==> flow/design.v <==
module registers #(
  parameter integer NWORDS = 24,
  parameter integer WIDTH = 2,
  parameter integer RP = 8,
  parameter integer IDX_W = $clog2(NWORDS)
) (
  input logic i_clk,
  input logic rst_ni,
  input logic wr,
  input logic [IDX_W-1:0] waddr,
  input logic [WIDTH-1:0] din,
  input logic [RP*IDX_W-1:0] ra,
  output logic [RP*WIDTH-1:0] rdata
);
  logic wr_reg;
  logic [IDX_W-1:0] waddr_reg;
  logic [WIDTH-1:0] din_reg;
  always_ff @(posedge i_clk or negedge rst_ni) begin
    if (~rst_ni) begin
      wr_reg <= 1'b0;
      waddr_reg <= 0;
      din_reg <= 0;
    end else begin
      wr_reg <= wr;
      waddr_reg <= waddr;
      din_reg <= din;
    end
  end
  logic [WIDTH-1:0] rf [0:NWORDS-1];
  always_ff @(posedge i_clk) begin
    if (wr_reg)
      rf[waddr_reg] <= din_reg;
  end
  logic [RP*IDX_W-1:0] ra_reg;
  always_ff @(posedge i_clk or negedge rst_ni) begin
    if (~rst_ni) begin
      ra_reg <= 0;
    end else begin
      ra_reg <= ra;
    end
  end
  logic [RP*WIDTH-1:0] t;
  generate
    for (genvar gj = 0; gj < RP; gj++) begin : slice
      assign t[gj*WIDTH +: WIDTH] = rf[ra_reg[gj*IDX_W +: IDX_W]];
    end
  endgenerate
  always_ff @(posedge i_clk or negedge rst_ni) begin
    if (~rst_ni) begin
      rdata <= 0;
    end else begin
      rdata <= t;
    end
  end
endmodule
== Step by step through the tools: registers ==
Tool output for the design above, in the order of the flow.
Line numbers count from 1 in the design file above.
Library cell names are shortened.
Not given: -

* Top module: registers
* Clock input: i_clk
* Library: sky130hd
* Timing corner: tt_025C_1v80

== Word level ==
Counts by Yosys on the flattened word-level netlist (proc, flatten, opt, wreduce; memories kept). Register bits leave out memories and registers merged into their read ports (data or address); mux counts leave out enables and synchronous resets folded into registers. Print and check cells are left out.
Memory sizes are those after Yosys's memory passes, which may raise the word count (mostly to a power of two), join words into wider ones and drop unused or constant bits.

* Reductions and logical operators: 8
* Muxes and demuxes: 3

{| class="wikitable"
|+ Operator list
! kind !! number
|-
| 1-bit logical NOT || 8
|-
| 5-bit two-way mux || 1
|-
| 2-bit two-way mux || 1
|-
| 1-bit two-way mux || 1
|}

* Output and inout port bits: 16
* Clocked read ports x word width: 16
* Elaborated cells: 16
* Bits in registers: 48
* Memory bits (writable): 48
* Input port bits: 50
* Memory cells: 1

{| class="wikitable"
|+ Memories
! name !! depth !! bits a word !! rd ports !! wr ports !! line !! RTL
|-
| rf || 24 || 2 || 8 || 1 || 29 || <nowiki>logic [WIDTH-1:0] rf [0:NWORDS-1];</nowiki>
|}

== Depth ==
Yosys ltp: most cells in a row. Word level: on the elaborated netlist, between registers, memories and ports. Mapped: between sequential cells and ports; inverters and the memories' decode and read muxes count.

* Depth in word-level cells: 1
* ABC_AREA: 0
* Mapped depth: 6
* Mapped depth without buffers: 4

== After synthesis ==
Source: synth_stat.txt of the flow (Yosys; design flattened, memories mapped). It holds for the ABC_AREA given above (unset counts as 0); a run with the other value may have another netlist.

{| class="wikitable"
|+ Cell types
! cell !! number
|-
| dfrtp_1 || 64
|-
| edfxtp_1 || 48
|-
| mux4_2 || 47
|-
| mux2i_1 || 93
|-
| nand3_1 || 44
|-
| buf_2 || 32
|-
| nand3b_1 || 19
|-
| o211ai_1 || 18
|-
| nor2_1 || 35
|-
| nor2b_1 || 21
|-
| mux2_2 || 11
|-
| o2111ai_1 || 12
|-
| nand2_1 || 17
|-
| a2bb2oi_1 || 6
|-
| a221o_1 || 5
|-
| o21ai_0 || 10
|-
| nand4_1 || 7
|-
| o31ai_1 || 5
|}

Other cell types: 12; their cells: 45.

* Cells in the netlist: 539
* Chip area (Yosys): 6759.0 sq um
* Flip-flop cells: 112

== Worst setup path after synthesis ==
Path of least setup slack by OpenSTA after synthesis, without wires, with an ideal clock, recovery checks aside; 20% of the period is set as input and as output delay. Where synthesis merged equal registers, the netlist keeps one of their names.

* Path kind: register -> register
* Start: register ra_reg[0]
* End: register rdata[1]
* Setup time: 0.135 ns
* Required time: 1.695 ns
* Driving pins on the path: 6
* Delay of the path: 1.463 ns
* Setup slack: 0.367 ns
* Period: 1.83 ns
* Arrival time: 1.328 ns
* Synthesis period reached: 1.463 ns

"delay of the path" = arrival - input delay + setup time.
"driving pins on the path" counts driving pins, that of a launching flip-flop among them; a cell with two outputs on the path counts twice.
"synthesis period reached" is the clock period less the worst setup slack; recovery checks do not enter. This is arithmetic on one report: input and output delays are still those of the set period (20% each).

* Path through: dfrtp_1 buf_4 buf_6 mux4_2 o22ai_1 o311ai_1

{| class="wikitable"
|+ Ends and longest elaborated chain, post-synthesis
! item !! line !! RTL
|-
| start: declaration || 34 || <nowiki>logic [RP*IDX_W-1:0] ra_reg;</nowiki>
|-
| start: assignment || 37 || <nowiki>ra_reg <= 0;</nowiki>
|-
| start: assignment || 39 || <nowiki>ra_reg <= ra;</nowiki>
|-
| end: declaration || 13 || <nowiki>output logic [RP*WIDTH-1:0] rdata</nowiki>
|}

No chain of elaborated cells between the ends is given.

== Worst path after layout ==
Path of least setup slack in the final report of run A (OpenROAD, finished layout, wires in). Where an end is a register, its clock arrival counts in the times.

* Path kind: register -> register
* Start: memory rf[3][1]
* End: register rdata[7]
* Period: 0.892 ns
* Setup slack: -0.72 ns
* Required time: 1.14 ns
* Arrival time: 1.86 ns
* Setup time: 0.12 ns
* Driving pins on the path: 6

* Path through: edfxtp_1 buf_4 mux4_2 mux2i_1 or3_1 o311ai_2

{| class="wikitable"
|+ Ends and longest elaborated chain, after layout
! item !! line !! RTL
|-
| start: declaration || 29 || <nowiki>logic [WIDTH-1:0] rf [0:NWORDS-1];</nowiki>
|-
| end: declaration || 13 || <nowiki>output logic [RP*WIDTH-1:0] rdata</nowiki>
|}

No chain of elaborated cells between the ends is given.

Measured data: module registers, platform sky130hd, 3 stored runs of the flow under differing settings, order arbitrary. Input and output delays are each 20% of the period that was set; the output load is 0.01 pF.
"achieved period" means the clock period less the worst setup slack. The figure is calculated, with input and output delays left at 20% of the set period.
By "worst setup path time" is meant the share of the clock period that the worst setup path is allowed (20% is reserved at inputs, 20% at outputs), minus its slack. Clock arrival times at its registers enter into it.
"power" rests on the timing tool's default activity at the inputs, not on a simulated workload.

=== Run A ===
{| class="wikitable"
! Setting !! Value
|-
| period_ns || 0.892
|-
| CORE_UTILIZATION || 32
|-
| SETUP_SLACK_MARGIN || 0.16
|-
| PLACE_DENSITY_LB_ADDON || 0.2
|-
| CELL_PAD_IN_SITES_GLOBAL_PLACEMENT || 3
|-
| CELL_PAD_IN_SITES_DETAIL_PLACEMENT || 1
|-
| CTS_CLUSTER_SIZE || 36
|-
| CTS_CLUSTER_DIAMETER || 116
|-
| MIN_ROUTING_LAYER || met1
|-
| MAX_ROUTING_LAYER || met5
|-
| CAP_MARGIN || 20
|-
| CORE_MARGIN || 2
|-
| SLEW_MARGIN || 20
|-
! Result !! Value
|-
| Achieved period || 1.615 ns
|-
| Cell area after synthesis || 6759.0 sq um
|-
| Setup slack of the worst path || -0.723 ns
|-
| Worst setup path time || 1.61 ns
|-
| Worst path kind || register -> register
|-
| Utilization after layout || 46.7 %
|-
| Final setup TNS || -33.961 ns
|-
| Overall die area || 22300.9 sq um
|-
| Power || 12612 µW
|-
| Area of the standard cells in the finished layout || 9746.9 sq um
|}

=== Run B ===
{| class="wikitable"
! Setting !! Value
|-
| period_ns || 1.83
|-
| CAP_MARGIN || 20
|-
| CORE_MARGIN || 2
|-
| CORE_UTILIZATION || 40
|-
| SLEW_MARGIN || 20
|-
! Result !! Value
|-
| Achieved period || 1.696 ns
|-
| Cell area after synthesis || 6759.0 sq um
|-
| Setup slack of the worst path || 0.134 ns
|-
| Worst setup path time || 1.70 ns
|-
| Worst path kind || register -> register
|-
| Utilization after layout || 49.2 %
|-
| Final setup TNS || 0.000 ns
|-
| Overall die area || 17953.3 sq um
|-
| Power || 5654 µW
|-
| Area of the standard cells in the finished layout || 8122.8 sq um
|}

=== Run C ===
{| class="wikitable"
! Setting !! Value
|-
| period_ns || 1.74
|-
| CORE_UTILIZATION || 38
|-
| SETUP_SLACK_MARGIN || 0.29
|-
| PLACE_DENSITY_LB_ADDON || 0.04
|-
| ABC_AREA || 1
|-
| GPL_TIMING_DRIVEN || 0
|-
| CTS_CLUSTER_SIZE || 44
|-
| CTS_CLUSTER_DIAMETER || 292
|-
| MAX_ROUTING_LAYER || met4
|-
| CAP_MARGIN || 20
|-
| CORE_MARGIN || 2
|-
| SLEW_MARGIN || 20
|-
! Result !! Value
|-
| Achieved period || 1.385 ns
|-
| Cell area after synthesis || 7175.6 sq um
|-
| Setup slack of the worst path || 0.355 ns
|-
| Worst setup path time || 1.04 ns
|-
| Worst path kind || register -> output
|-
| Utilization after layout || 47.0 %
|-
| Final setup TNS || 0.000 ns
|-
| Overall die area || 19998.2 sq um
|-
| Power || 6306 µW
|-
| Area of the standard cells in the finished layout || 8768.4 sq um
|}
